==> flow/design.v <==
module alu_sum_block_blk #(
  parameter integer XLEN = 8
) (
  input wire sys_clk,
  input wire RST,
  input wire [XLEN-1:0] x,
  input wire [XLEN-1:0] y,
  input wire cin,
  output wire [XLEN-1:0] s,
  output wire ovf
);
  reg [XLEN-1:0] r_x;
  always @(posedge sys_clk) begin
    if (RST) begin
      r_x <= 0;
    end else begin
      r_x <= x;
    end
  end
  reg [XLEN-1:0] r_y;
  always @(posedge sys_clk) begin
    if (RST) begin
      r_y <= 0;
    end else begin
      r_y <= y;
    end
  end
  reg r_cin;
  always @(posedge sys_clk) begin
    if (RST) begin
      r_cin <= 1'b0;
    end else begin
      r_cin <= cin;
    end
  end
  wire [XLEN:0] cur;
  assign cur = r_x + r_y + r_cin;
  assign s = cur[XLEN-1:0];
  assign ovf = cur[XLEN];
endmodule
* From RTL to reports: alu_sum_block_blk
Tool output for the design above, in the order of the flow. Lines are those of the file above, counted from 1. Cell names lack the library's common part. The mark - stands for no value.
Set-up: design top alu_sum_block_blk, clock input sys_clk, standard-cell library sky130hd, library corner tt_025C_1v80

* Word-level counts
Counts by Yosys on the flattened word-level netlist (proc, flatten, opt, wreduce; memories kept). Register bits leave out memories and registers merged into their read ports (data or address); mux counts leave out enables and synchronous resets folded into registers. Print and check cells are left out. Cells with the same type and inputs are merged into one.
Storage and ports: input port bits 19, flip-flop bits (word level) 17, word-level cells 5, output and inout bits 9
Operators by class: add/subtract/negate cells 2
Operators by type and width (count):
- adder 8 x 8 -> 9 bit | 1
- adder 9 x 1 -> 9 bit | 1

* Logic depth
Longest topological path by Yosys (ltp), each cell counted once; first at word level (registers and memories cut), then after technology mapping (sequential cells cut; the memories' decode and read muxes count).
Logic depth: depth in word-level cells 2, ABC_AREA 0, depth in mapped cells 6, gate-level depth less buffers 6

* Synthesis result
Source: synth_stat.txt of the flow (Yosys; design flattened, memories mapped). It holds for the ABC_AREA given above (unset counts as 0); a run with the other value may have another netlist.
Cells by type:
- dfxtp_1 | count 17, area in all 340.326 µm²
- nor2b_1 | count 19, area in all 118.864 µm²
- ha_1 | count 7, area in all 87.584 µm²
- fa_1 | count 2, area in all 40.038 µm²
- a21oi_1 | count 5, area in all 25.024 µm²
- a311o_1 | count 2, area in all 20.019 µm²
- xnor2_1 | count 2, area in all 17.517 µm²
- xor2_1 | count 2, area in all 17.517 µm²
- a21o_1 | count 2, area in all 15.014 µm²
- nand2_1 | count 3, area in all 11.261 µm²
- mux2i_1 | count 1, area in all 10.01 µm²
- nand3_1 | count 2, area in all 10.01 µm²
- nor3_1 | count 2, area in all 10.01 µm²
- a2111oi_0 | count 1, area in all 8.758 µm²
- a221oi_1 | count 1, area in all 8.758 µm²
- inv_1 | count 2, area in all 7.507 µm²
- nor2_1 | count 2, area in all 7.507 µm²
- o21bai_1 | count 1, area in all 7.507 µm²
Not listed: further types 4, cells in them 4.
Mapped netlist: cell area after synthesis 782.0 µm², buffers 1, sequential part of the area 340.3 µm², standard cells after synthesis 77, flip-flop cells 17

* Worst setup path after synthesis
Source: OpenSTA report_checks on the synthesized netlist (no wires, ideal clock, input and output delay 20% of the period each), path of least setup slack; recovery checks are left aside. Register names are those of the netlist, which keeps one name where synthesis merged equal registers.
Timing path post-synthesis: path type register to output, start register r_x[0], end output s[6], output delay 524 ps, path buffers 0, path delay 1679 ps, path slack 417 ps, data arrival time 1679 ps, time at the first pin 0 ps, period 2620 ps, required time 2096 ps, driving pins on the path 7, synthesis period reached 2203 ps
"path delay" = arrival - input delay + setup time. At an output port there is no setup time. "driving pins on the path": output pins that drive a net of the path, with the launching flip-flop's if there is one; two outputs of one cell count as two. "synthesis period reached" = period - worst setup slack (recovery checks aside). The figure is calculated, with input and output delays left at 20% of the set period. The rows between start and end are the longest chain of elaborated cells between them; the timing report does not say that the signal goes this way. Where chains are equally long, one stands for them. A line is the first line of the expression or statement that the cell stems from. Yosys adds cells for indexed reads and writes and turns some case tables into memories.
Between the ends, post-synthesis: cells stage by stage dfxtp_1 -> fa_1 -> fa_1 -> a21oi_1 -> nor2_1 -> nor2_1 -> xnor2_1, length of the longest elaborated chain 2, elaborated cells on any way between the ends 2, RTL lines with such cells 1, classes of those cells 2 x add/sub
Ends and longest elaborated chain, post-synthesis:
- from (decl) | RTL line 12 | reg [XLEN-1:0] r_x;
- from (assign) | RTL line 15 | r_x <= 0;
- from (assign) | RTL line 17 | r_x <= x;
- adder 8 x 8 -> 9 bit | RTL line 37 | assign cur = r_x + r_y + r_cin;
- adder 9 x 1 -> 9 bit | RTL line 37
- to (decl) | RTL line 9 | output wire [XLEN-1:0] s,

* Worst path after layout
From the final timing report of run 1: the path of least setup slack in the routed layout; clock arrival at registers is part of the times. The report prints the path's times to 10 ps; the period is as set.
Timing path after layout: path type register to output, start register r_x[0], end output s[6], driving pins on the path 8, period 1570 ps, output delay 310 ps, time at the first pin 250 ps, required time 1260 ps, data arrival time 1970 ps, path slack -710 ps, path buffers 1
The rows between start and end are the longest chain of elaborated cells between them; the timing report does not say that the signal goes this way. Where chains are equally long, one stands for them.
Between the ends, after layout: cells stage by stage dfxtp_2 -> fa_2 -> fa_2 -> a21oi_4 -> nor2_2 -> nor2_2 -> xnor2_1 -> buf_2, length of the longest elaborated chain 2, elaborated cells on any way between the ends 2, RTL lines with such cells 1, classes of those cells 2 x add/sub
Ends and longest elaborated chain, after layout:
- from (decl) | RTL line 12 | reg [XLEN-1:0] r_x;
- from (assign) | RTL line 15 | r_x <= 0;
- from (assign) | RTL line 17 | r_x <= x;
- adder 8 x 8 -> 9 bit | RTL line 37 | assign cur = r_x + r_y + r_cin;
- adder 9 x 1 -> 9 bit | RTL line 37
- to (decl) | RTL line 9 | output wire [XLEN-1:0] s,

Subject: flow runs of alu_sum_block_blk

Hi,

alu_sum_block_blk through Yosys and OpenROAD on sky130hd: 3 stored runs, unordered, with their settings and measured results. The constraints put input and output delay at 20% of the set period each and load the outputs with 0.01 pF.
"clock period achieved" = clock period - worst setup slack. The figure is calculated, with input and output delays left at 20% of the set period.
"critical path time" means the part of the period allowed to the worst setup path (the constraints hold back 20% at inputs and 20% at outputs) less its slack; where the path has registers, the arrival times of their clocks count too.
By "total design power" is meant OpenSTA's value without simulated activity: inputs other than the clock are taken to toggle once in ten clock periods, and the tool carries that through the logic.
"critical path time" is known to 10 ps.

* Run 1 | settings: period_ns 1.57; CORE_UTILIZATION 22; SETUP_SLACK_MARGIN 0.24; CORE_ASPECT_RATIO 0.76; CELL_PAD_IN_SITES_DETAIL_PLACEMENT 1; TNS_END_PERCENT 35; GPL_ROUTABILITY_DRIVEN 0; CTS_CLUSTER_DIAMETER 312; CAP_MARGIN 40; MIN_ROUTING_LAYER met2; CORE_MARGIN 2; SLEW_MARGIN 20 | results: synthesized cell area 782.0 µm²; overall die area 4052.0 µm²; standard-cell area after layout 1278.7 µm²; post-route utilization 38.4 %; worst setup slack after layout -712 ps; total negative setup slack -4518 ps; final worst hold slack 611 ps; total design power 1090 µW; clock period achieved 2282 ps; critical path time 1970 ps; class of the worst setup path register to output
* Run 2 | settings: period_ns 2.62; CAP_MARGIN 20; CORE_MARGIN 2; CORE_UTILIZATION 40; SLEW_MARGIN 20 | results: synthesized cell area 782.0 µm²; overall die area 2324.7 µm²; standard-cell area after layout 1136.1 µm²; post-route utilization 63.7 %; worst setup slack after layout 83 ps; total negative setup slack 0 ps; final worst hold slack 783 ps; total design power 562.8 µW; clock period achieved 2537 ps; critical path time 2010 ps; class of the worst setup path register to output
* Run 3 | settings: period_ns 1.72; CORE_UTILIZATION 56; PLACE_DENSITY_LB_ADDON 0.2; CORE_ASPECT_RATIO 0.6; CELL_PAD_IN_SITES_GLOBAL_PLACEMENT 3; CELL_PAD_IN_SITES_DETAIL_PLACEMENT 2; MAX_ROUTING_LAYER met4; CAP_MARGIN 20; CORE_MARGIN 2; SLEW_MARGIN 20 | no final report: floorplanning broke off with PDN-0185

Regards
